==> flow/design.v <==
module plus_mod #(
    parameter int DW = 56
) (
    input logic core_clk,
    input logic resetn,
    input logic [DW-1:0] i_arg0,
    input logic [DW-1:0] i_arg1,
    input logic i_c0,
    output logic [DW-1:0] o_s,
    output logic o_carry_out
);
    logic [DW-1:0] work;
    logic [DW:0] cy;
    assign cy[0] = i_c0;
    for (genvar i = 0; i < DW; i++) begin : lane
        plus_mod_fadd u0 (.a(i_arg0[i]), .b(i_arg1[i]), .ci(cy[i]), .s(work[i]), .co(cy[i+1]));
    end
    always_ff @(posedge core_clk or negedge resetn) begin
        if (~resetn) begin
            o_s <= '0;
        end else begin
            o_s <= work;
        end
    end
    always_ff @(posedge core_clk or negedge resetn) begin
        if (~resetn) begin
            o_carry_out <= 1'b0;
        end else begin
            o_carry_out <= cy[DW];
        end
    end
endmodule
module plus_mod_fadd (
    input logic a,
    input logic b,
    input logic ci,
    output logic s,
    output logic co
);
    assign s = a ^ b ^ ci;
    assign co = (a & b) | (ci & (a ^ b));
endmodule
### From RTL to reports: plus_mod

The steps from the RTL of plus_mod to its reports follow in flow order.
Line numbers count from 1 in the design file above.
Operators carry their Yosys type and port widths (W data, S select, Z words).
A cell with -- has no value.

| design | value |
|---|---|
| top | plus_mod |
| clock | core_clk |
| cell library | sky130hd |
| library corner | tt_025C_1v80 |

### Word-level counts

Source: Yosys, flattened and elaborated, memories not mapped. Widths are those after wreduce; folded enables and synchronous resets count as part of the registers. Registers that Yosys merges into a memory's read port (data or address) are not register bits. Print and check cells do not count. Equal cells are merged and count once.

| cells by class | value |
|---|---|
| bitwise logic cells | 280 |

Operators by type and width:

| kind | count |
|---|---|
| $and A1 B1 Y1 | 112 |
| $xor A1 B1 Y1 | 112 |
| $or A1 B1 Y1 | 56 |

| word-level totals | value |
|---|---|
| flip-flop bits (word level) | 57 |
| output and inout port bits | 57 |
| cells after elaboration | 282 |

### Logic depth

Longest topological path by Yosys (ltp), each cell counted once; first at word level (registers and memories cut), then after technology mapping (sequential cells cut; the memories' decode and read muxes count).

| logic depth | value |
|---|---|
| depth after elaboration | 113 |
| ABC_AREA | 0 |
| mapped depth | 60 |
| depth with buffers taken out | 60 |

### After synthesis

Yosys stat after the flow's synthesis: flattened, memories mapped to cells. It holds for the ABC_AREA given above (unset counts as 0); a run with the other value may have another netlist.
The area totals of this step are shown rounded.

Cell types:

| cell type | count | total area (um2) |
|---|---|---|
| sky130_fd_sc_hd__dfrtp_1 | 57 | 1.43E+03 |
| sky130_fd_sc_hd__fa_1 | 56 | 1.12E+03 |
| sky130_fd_sc_hd__inv_1 | 10 | 37.536 |

| mapped netlist | value |
|---|---|
| mapped cells | 123 |
| mapped area | 2585 um2 |
| flip-flops | 57 |
| buffers | 0 |

The figures by module come from a second, unflattened synthesis with its own total; it is not the netlist above.

| second synthesis, totals | value |
|---|---|
| cell total of the unflattened synthesis | 113 |
| area total of the unflattened synthesis | 2547 um2 |

Each row is one instance without its submodules.

By module:

| module | instances | cells | area (um2) |
|---|---|---|---|
| plus_mod | 1 | 57 | 1426 |
| plus_mod_fadd | 56 | 1 | 20.0 |

### Timing after synthesis

OpenSTA on the mapped netlist: ideal clock, no wires. The path of least setup slack (recovery checks aside). Input and output delay are each 20% of the period. Register names are those of the netlist, which keeps one name where synthesis merged equal registers.

| path post-synthesis | value |
|---|---|
| path type | in2reg |
| start point | input port i_arg0[0] |
| end point | register o_s[55] |
| clock period | 33300 ps |
| library setup time | 64 ps |
| data arrival time | 27912 ps |
| data required time | 33236 ps |
| setup slack | 5324 ps |
| delay of the path | 21316 ps |
| driving pins on the path | 60 |
| synthesis period reached | 27976 ps |

"delay of the path" = arrival - input delay + setup time.
"driving pins on the path" counts driving pins, that of a launching flip-flop among them; a cell with two outputs on the path counts twice.
"synthesis period reached" is the clock period less the worst setup slack; recovery checks do not enter. This is arithmetic on one report: input and output delays are still those of the set period (20% each).
The rows between start and end are the longest chain of elaborated cells between them; the timing report does not say that the signal goes this way. Where chains are equally long, one stands for them.
A line is the first line of the expression or statement that the cell stems from. Yosys adds cells for indexed reads and writes and turns some case tables into memories.

| on the way, post-synthesis | value |
|---|---|
| cell sequence | sky130_fd_sc_hd__fa_1 -> sky130_fd_sc_hd__fa_1 -> sky130_fd_sc_hd__fa_1 -> sky130_fd_sc_hd__fa_1 -> sky130_fd_sc_hd__fa_1 -> sky130_fd_sc_hd__fa_1 -> sky130_fd_sc_hd__fa_1 -> sky130_fd_sc_hd__fa_1 -> sky130_fd_sc_hd__fa_1 -> sky130_fd_sc_hd__inv_1 -> sky130_fd_sc_hd__fa_1 -> sky130_fd_sc_hd__inv_1 -> sky130_fd_sc_hd__fa_1 -> sky130_fd_sc_hd__fa_1 -> sky130_fd_sc_hd__fa_1 -> sky130_fd_sc_hd__fa_1 -> sky130_fd_sc_hd__fa_1 -> sky130_fd_sc_hd__fa_1 -> [24 not listed] -> sky130_fd_sc_hd__fa_1 -> sky130_fd_sc_hd__fa_1 -> sky130_fd_sc_hd__fa_1 -> sky130_fd_sc_hd__fa_1 -> sky130_fd_sc_hd__fa_1 -> sky130_fd_sc_hd__fa_1 -> sky130_fd_sc_hd__fa_1 -> sky130_fd_sc_hd__fa_1 -> sky130_fd_sc_hd__fa_1 -> sky130_fd_sc_hd__fa_1 -> sky130_fd_sc_hd__fa_1 -> sky130_fd_sc_hd__fa_1 -> sky130_fd_sc_hd__fa_1 -> sky130_fd_sc_hd__fa_1 -> sky130_fd_sc_hd__fa_1 -> sky130_fd_sc_hd__inv_1 -> sky130_fd_sc_hd__fa_1 -> sky130_fd_sc_hd__inv_1 |
| cells in the longest elaborated chain | 112 |
| elaborated cells between the ends (all ways) | 113 |
| classes of those cells | logic (113) |

Ends and longest elaborated chain, post-synthesis:

| item | line | source |
|---|---|---|
| start: declaration | 6 | `input logic [DW-1:0] i_arg0,` |
| $xor A1 B1 Y1 | 41 | `assign co = (a & b) \| (ci & (a ^ b));` |
| $and A1 B1 Y1 | 41 |  |
| $or A1 B1 Y1 | 41 |  |
| $and A1 B1 Y1 | 41 |  |
| $or A1 B1 Y1 | 41 |  |
| $and A1 B1 Y1 | 41 |  |
| $or A1 B1 Y1 | 41 |  |
| [98 not listed] | -- |  |
| $and A1 B1 Y1 | 41 |  |
| $or A1 B1 Y1 | 41 |  |
| $and A1 B1 Y1 | 41 |  |
| $or A1 B1 Y1 | 41 |  |
| $and A1 B1 Y1 | 41 |  |
| $or A1 B1 Y1 | 41 |  |
| $xor A1 B1 Y1 | 40 | `assign s = a ^ b ^ ci;` |
| end: assignment | 20 | `o_s <= '0;` |
| end: assignment | 22 | `o_s <= work;` |
| end: declaration | 9 | `output logic [DW-1:0] o_s,` |

### Timing after layout

From the final timing report of run A: the path of least setup slack in the routed layout; clock arrival at registers is part of the times.
The path's times are printed in steps of 10 ps; the period is the one set.

| path post-layout | value |
|---|---|
| path type | in2reg |
| start point | input port i_arg0[0] |
| end point | register o_s[55] |
| clock period | 33300 ps |
| library setup time | 50 ps |
| data arrival time | 29090 ps |
| data required time | 33570 ps |
| setup slack | 4470 ps |
| driving pins on the path | 61 |

The rows between start and end are the longest chain of elaborated cells between them; the timing report does not say that the signal goes this way. Where chains are equally long, one stands for them.

| on the way, post-layout | value |
|---|---|
| cell sequence | sky130_fd_sc_hd__clkdlybuf4s50_1 -> sky130_fd_sc_hd__fa_1 -> sky130_fd_sc_hd__fa_1 -> sky130_fd_sc_hd__fa_1 -> sky130_fd_sc_hd__fa_1 -> sky130_fd_sc_hd__fa_1 -> sky130_fd_sc_hd__fa_1 -> sky130_fd_sc_hd__fa_1 -> sky130_fd_sc_hd__fa_1 -> sky130_fd_sc_hd__fa_1 -> sky130_fd_sc_hd__inv_1 -> sky130_fd_sc_hd__fa_1 -> sky130_fd_sc_hd__inv_1 -> sky130_fd_sc_hd__fa_1 -> sky130_fd_sc_hd__fa_1 -> sky130_fd_sc_hd__fa_1 -> sky130_fd_sc_hd__fa_1 -> sky130_fd_sc_hd__fa_1 -> [25 not listed] -> sky130_fd_sc_hd__fa_1 -> sky130_fd_sc_hd__fa_1 -> sky130_fd_sc_hd__fa_1 -> sky130_fd_sc_hd__fa_1 -> sky130_fd_sc_hd__fa_1 -> sky130_fd_sc_hd__fa_1 -> sky130_fd_sc_hd__fa_1 -> sky130_fd_sc_hd__fa_1 -> sky130_fd_sc_hd__fa_1 -> sky130_fd_sc_hd__fa_1 -> sky130_fd_sc_hd__fa_1 -> sky130_fd_sc_hd__fa_1 -> sky130_fd_sc_hd__fa_1 -> sky130_fd_sc_hd__fa_1 -> sky130_fd_sc_hd__fa_1 -> sky130_fd_sc_hd__inv_1 -> sky130_fd_sc_hd__fa_1 -> sky130_fd_sc_hd__inv_1 |
| cells in the longest elaborated chain | 112 |
| elaborated cells between the ends (all ways) | 113 |
| classes of those cells | logic (113) |

Ends and longest elaborated chain, post-layout:

| item | line | source |
|---|---|---|
| start: declaration | 6 | `input logic [DW-1:0] i_arg0,` |
| $xor A1 B1 Y1 | 41 | `assign co = (a & b) \| (ci & (a ^ b));` |
| $and A1 B1 Y1 | 41 |  |
| $or A1 B1 Y1 | 41 |  |
| $and A1 B1 Y1 | 41 |  |
| $or A1 B1 Y1 | 41 |  |
| $and A1 B1 Y1 | 41 |  |
| $or A1 B1 Y1 | 41 |  |
| [98 not listed] | -- |  |
| $and A1 B1 Y1 | 41 |  |
| $or A1 B1 Y1 | 41 |  |
| $and A1 B1 Y1 | 41 |  |
| $or A1 B1 Y1 | 41 |  |
| $and A1 B1 Y1 | 41 |  |
| $or A1 B1 Y1 | 41 |  |
| $xor A1 B1 Y1 | 40 | `assign s = a ^ b ^ ci;` |
| end: assignment | 20 | `o_s <= '0;` |
| end: assignment | 22 | `o_s <= work;` |
| end: declaration | 9 | `output logic [DW-1:0] o_s,` |

Measured results for plus_mod: 3 stored runs of the Yosys and OpenROAD flow on sky130hd. The settings differ; the order carries no meaning. The constraints put input and output delay at 20% of the set period each and load the outputs with 0.01 pF.
"achieved period" is the run's clock period less its worst setup slack. It is reckoned from that one timing run; input and output delays stay at 20% of the period that was set.
"time of the worst setup path" = time allowed to the worst setup path (clock period - input delay - output delay, where it has them) - its slack; a late launch clock adds to it, a late capture clock takes from it.
By "total power after layout" is meant OpenSTA's value without simulated activity: inputs other than the clock are taken to toggle once in ten clock periods, and the tool carries that through the logic.
"time of the worst setup path" is known to 10 ps.
The results are shown rounded.
A setting shown as . is not set for that run.
Results: . = not shown.

| run | period_ns | CAP_MARGIN | CORE_MARGIN | CORE_UTILIZATION | SLEW_MARGIN | SETUP_SLACK_MARGIN | PLACE_DENSITY_LB_ADDON | HOLD_SLACK_MARGIN | CELL_PAD_IN_SITES_GLOBAL_PLACEMENT | TNS_END_PERCENT | ABC_AREA | GPL_ROUTABILITY_DRIVEN | CTS_CLUSTER_DIAMETER | MIN_ROUTING_LAYER | time of the worst setup path (ps) | type of the worst setup path | achieved period (ps) | standard-cell area after layout (um2) | worst setup slack after layout (ps) | total negative slack on setup checks (ps) | die size (um2) | utilization after layout (%) | synthesis area (um2) | total power after layout (W) |
|---|---|---|---|---|---|---|---|---|---|---|---|---|---|---|---|---|---|---|---|---|---|---|---|---|
| run A | 33.3 | 20 | 2 | 40 | 20 | . | . | . | . | . | . | . | . | . | 22170 | in2reg | 28826 | 4557 | 4474 | 0 | 7122 | 72.2 | 2585 | 0.0002077 |
| run B | 47.2 | 20 | 2 | 41 | 20 | -0.94 | 0.16 | 0.16 | 0 | 5 | 1 | 0 | 334 | . | 22230 | in2reg | 31666 | 4586 | 15530 | 0 | 6956 | 76.5 | 2585 | 0.0001513 |
| run C | 41.9 | 20 | 2 | 67 | 20 | -2.0 | 0.24 | . | 1 | . | . | 0 | 301 | met2 | . | . | . | . | . | . | . | . | . | . |

Run C: not finished: placement ended with error FLW-0024
